==> flow/design.v <==
module core_registers_v2 #(
   parameter NWORDS = 10,
   parameter W = 32,
   parameter NUM_RD = 4,
   parameter WP = 6,
   parameter IDX_W = $clog2(NWORDS)
) (
   input logic aclk,
   input logic [WP-1:0] wen,
   input logic [WP*IDX_W-1:0] wsel,
   input logic [WP*W-1:0] din,
   input logic [NUM_RD*IDX_W-1:0] rd_idx,
   output logic [NUM_RD*W-1:0] rd
);
   logic [WP-1:0] wen_q;
   logic [WP*IDX_W-1:0] wsel_q;
   logic [WP*W-1:0] din_q;
   logic [W-1:0] ram [0:NWORDS-1];
   always_ff @(posedge aclk) begin
      for (int n = 0; n < WP; n++)
         if (wen_q[n]) ram[wsel_q[n*IDX_W +: IDX_W]] <= din_q[n*W +: W];
   end
   logic [NUM_RD*IDX_W-1:0] rd_idx_q;
   logic [NUM_RD*W-1:0] cur;
   generate
      for (genvar m = 0; m < NUM_RD; m++) begin : blk
         assign cur[m*W +: W] = ram[rd_idx_q[m*IDX_W +: IDX_W]];
      end
   endgenerate
   logic [NUM_RD*W-1:0] rd_q;
   assign rd = rd_q;
   always_ff @(posedge aclk) begin
      wen_q <= wen;
      wsel_q <= wsel;
      din_q <= din;
      rd_idx_q <= rd_idx;
      rd_q <= cur;
   end
endmodule
Reports on core_registers_v2
What the tools print for core_registers_v2, step after step.
Lines are those of the file above, counted from 1.
Library cell names are shortened.
Not given: n/a
Inputs
  design top: core_registers_v2
  clock port: aclk
  cell library: sky130hd
  corner: tt_025C_1v80

Word-level counts
Source: Yosys, flattened and elaborated, memories not mapped. Widths are those after wreduce; folded enables and synchronous resets count as part of the registers. Registers that Yosys merges into a memory's read port (data or address) are not register bits. Print and check cells do not count. Equal cells are merged and count once.
Yosys's memory passes give these memory sizes; they may raise the number of words (mostly to a power of two), join words into wider ones and drop unused or constant bits.
Word-level totals
  flip-flop bits (word level): 238
  RAM bits: 320
  word width x clocked read ports: 128
  memories kept: 1
  bits of input ports: 239
  output and inout bits: 128
  elaborated cells: 23
Cells by class
  muxes and demuxes: 18
Memories
  ram: words 10, width 32, rd ports 4, wr ports 6, line 18  | logic [W-1:0] ram [0:NWORDS-1];
Operator list (count)
  two-way mux 32 bit: 6
  two-way mux 4 bit: 6
  two-way mux 1 bit: 6

Logic depth
Depth = most cells in a row (Yosys ltp): at word level without a register or memory, in the mapped netlist without a sequential cell, where the memories' decode and read muxes count.
Logic depth
  word-level depth: 1
  ABC_AREA: 0
  mapped depth: 9
  mapped depth without buffers: 5

Synthesis result
Source: synth_stat.txt of the flow (Yosys; design flattened, memories mapped). It holds for the ABC_AREA given above (unset counts as 0); a run with the other value may have another netlist.
The area totals of this step are shown rounded.
Synthesis totals
  standard cells after synthesis: 4218
  synthesis area: 41700 um2
  sequential area: 16900 um2
  flip-flop cells: 686
Cell types
  edfxtp_1: count 320, area in all 9.61E+03 um2
  dfxtp_1: count 366, area in all 7.33E+03 um2
  mux4_2: count 256, area in all 5765.53 um2
  nand2_1: count 565, area in all 2.12E+03 um2
  a31oi_1: count 315, area in all 1970.64 um2
  o22ai_1: count 311, area in all 1.95E+03 um2
  mux2i_1: count 165, area in all 1.65E+03 um2
  clkbuf_1: count 393, area in all 1.48E+03 um2
  a221o_1: count 132, area in all 1.32E+03 um2
  a21oi_1: count 219, area in all 1.1E+03 um2
  o211ai_1: count 133, area in all 998.458 um2
  a211oi_1: count 130, area in all 975.936 um2
  nor2b_1: count 134, area in all 838.304 um2
  o21ai_0: count 117, area in all 585.562 um2
  a211o_1: count 57, area in all 499.229 um2
  nor2_1: count 112, area in all 420.403 um2
  a21o_1: count 54, area in all 405.389 um2
  buf_2: count 79, area in all 395.379 um2
Not listed: further types 37, cells in them 360.

Path before layout
OpenSTA on the mapped netlist: ideal clock, no wires. The path of least setup slack (recovery checks aside). Input and output delay are each 20% of the period. Register names are those of the netlist, which keeps one name where synthesis merged equal registers.
Path after synthesis
  path kind: flip-flop to flip-flop
  start point: register wsel_q[22]
  end point: memory ram[9][0]
  period: 3.69 ns
  launch time at the first pin: 0.000 ns
  arrival: 2.321 ns
  required time: 3.061 ns
  path slack: 0.740 ns
  path delay: 2.950 ns
  driving pins on the path: 8
  period reached after synthesis: 2.95 ns
"path delay" = arrival - input delay + setup time.
"driving pins on the path": output pins that drive a net of the path, with the launching flip-flop's if there is one; two outputs of one cell count as two.
"period reached after synthesis" = period - worst setup slack (recovery checks aside). The figure is calculated, with input and output delays left at 20% of the set period.
The rows between start and end are the longest chain of elaborated cells between them; the timing report does not say that the signal goes this way. Where chains are equally long, one stands for them.
A line is the first line of the expression or statement that the cell stems from. Yosys adds cells for indexed reads and writes and turns some case tables into memories.
Between the ends, after synthesis
  cell sequence: dfxtp_1 > nand3b_1 > or3b_2 > clkbuf_1 > inv_1 > nor2_1 > clkbuf_1 > nand4_1
  cells in the longest elaborated chain: 1
  elaborated cells between the ends (all ways): 1
  those cells by class: mux (1)
Ends and longest elaborated chain, after synthesis
  start, declared: line 16  | logic [WP*IDX_W-1:0] wsel_q;
  start, assigned: line 34  | wsel_q <= wsel;
  two-way mux 4 bit: line 21  | if (wen_q[n]) ram[wsel_q[n*IDX_W +: IDX_W]] <= din_q[n*W +: W];
  end, declared: line 18  | logic [W-1:0] ram [0:NWORDS-1];

Path in the finished layout
Path of least setup slack in the final report of job 2 (OpenROAD, finished layout, wires in). Where an end is a register, its clock arrival counts in the times.
Path after layout
  path kind: flip-flop to flip-flop
  start point: register wsel_q[14]
  end point: memory ram[7][13]
  period: 3.69 ns
  launch time at the first pin: 0.69 ns
  arrival: 3.42 ns
  required time: 4.05 ns
  path slack: 0.63 ns
  driving pins on the path: 6
The rows between start and end are the longest chain of elaborated cells between them; the timing report does not say that the signal goes this way. Where chains are equally long, one stands for them.
Between the ends, after layout
  cell sequence: dfxtp_1 > nand3b_1 > nor2_2 > buf_4 > nand2_1 > a31oi_1
  cells in the longest elaborated chain: 1
  elaborated cells between the ends (all ways): 1
  those cells by class: mux (1)
Ends and longest elaborated chain, after layout
  start, declared: line 16  | logic [WP*IDX_W-1:0] wsel_q;
  start, assigned: line 34  | wsel_q <= wsel;
  two-way mux 4 bit: line 21  | if (wen_q[n]) ram[wsel_q[n*IDX_W +: IDX_W]] <= din_q[n*W +: W];
  end, declared: line 18  | logic [W-1:0] ram [0:NWORDS-1];

--- measured runs ---
Measured results for core_registers_v2: 2 stored runs of the Yosys and OpenROAD flow on sky130hd. The settings differ; the order carries no meaning. The constraints put input and output delay at 20% of the set period each and load the outputs with 0.01 pF.
By "achieved clock period" is meant the clock period of the run minus its worst setup slack. This is arithmetic on one report: input and output delays are still those of the set period (20% each).
By "worst setup path time" is meant the share of the clock period that the worst setup path is allowed (20% is reserved at inputs, 20% at outputs), minus its slack. Clock arrival times at its registers enter into it.
"power" is the tool's figure for a default switching activity; nothing was simulated.
The results are shown rounded.

Job 1
==> flow/run.sh <==
#!/bin/bash
# the make line also repeats the synthesis and layout settings of config.mk as NAME=value (left out here)
make -C /OpenROAD-flow-scripts/flow DESIGN_CONFIG=/design/flow/config.mk WORK_HOME=/design/flow/orfs CLKGATE_MAP_FILE= finish
==> flow/config.mk <==
export PLATFORM = sky130hd
export DESIGN_NAME = core_registers_v2
export DESIGN_NICKNAME = core_registers_v2
export VERILOG_FILES = /design/flow/design.v
export SDC_FILE = /design/flow/constraint.sdc
export NUM_CORES = 4
export LEC_CHECK = 0
export ABC_AREA = 0
export CAP_MARGIN = 20
export CORE_MARGIN = 4
export CORE_UTILIZATION = 61
export CTS_CLUSTER_SIZE = 96
export MAX_ROUTING_LAYER = met4
export MIN_ROUTING_LAYER = met2
export SETUP_SLACK_MARGIN = -0.07
export SLEW_MARGIN = 20
export TNS_END_PERCENT = 70
==> flow/constraint.sdc <==
create_clock -name core_clock -period 2.33 [get_ports {aclk}]
set_input_delay 0.4660 -clock core_clock [delete_from_list [all_inputs] [get_ports {aclk}]]
set_output_delay 0.4660 -clock core_clock [all_outputs]
set_load 0.01 [all_outputs]

==> results of job 1 <==
did not finish, routing stopped with GRT-0116

Job 2
==> flow/run.sh <==
#!/bin/bash
# the make line also repeats the synthesis and layout settings of config.mk as NAME=value (left out here)
make -C /OpenROAD-flow-scripts/flow DESIGN_CONFIG=/design/flow/config.mk WORK_HOME=/design/flow/orfs CLKGATE_MAP_FILE= finish
==> flow/config.mk <==
export PLATFORM = sky130hd
export DESIGN_NAME = core_registers_v2
export DESIGN_NICKNAME = core_registers_v2
export VERILOG_FILES = /design/flow/design.v
export SDC_FILE = /design/flow/constraint.sdc
export NUM_CORES = 4
export LEC_CHECK = 0
export CAP_MARGIN = 20
export CORE_MARGIN = 2
export CORE_UTILIZATION = 40
export SLEW_MARGIN = 20
==> flow/constraint.sdc <==
create_clock -name core_clock -period 3.69 [get_ports {aclk}]
set_input_delay 0.7380 -clock core_clock [delete_from_list [all_inputs] [get_ports {aclk}]]
set_output_delay 0.7380 -clock core_clock [all_outputs]
set_load 0.01 [all_outputs]

==> results of job 2 <==
chip area after synthesis (Yosys): 41,700 um2
die area: 107,000 um2
standard-cell area of the final layout: 49,500 um2
utilization: 47.8 %
worst setup slack after layout: 0.629 ns
total negative slack: 0.000 ns
worst hold slack: 0.464 ns
power: 0.0229 W
achieved clock period: 3.061 ns
worst setup path time: 3.06 ns
worst setup path kind: flip-flop to flip-flop
--- end ---
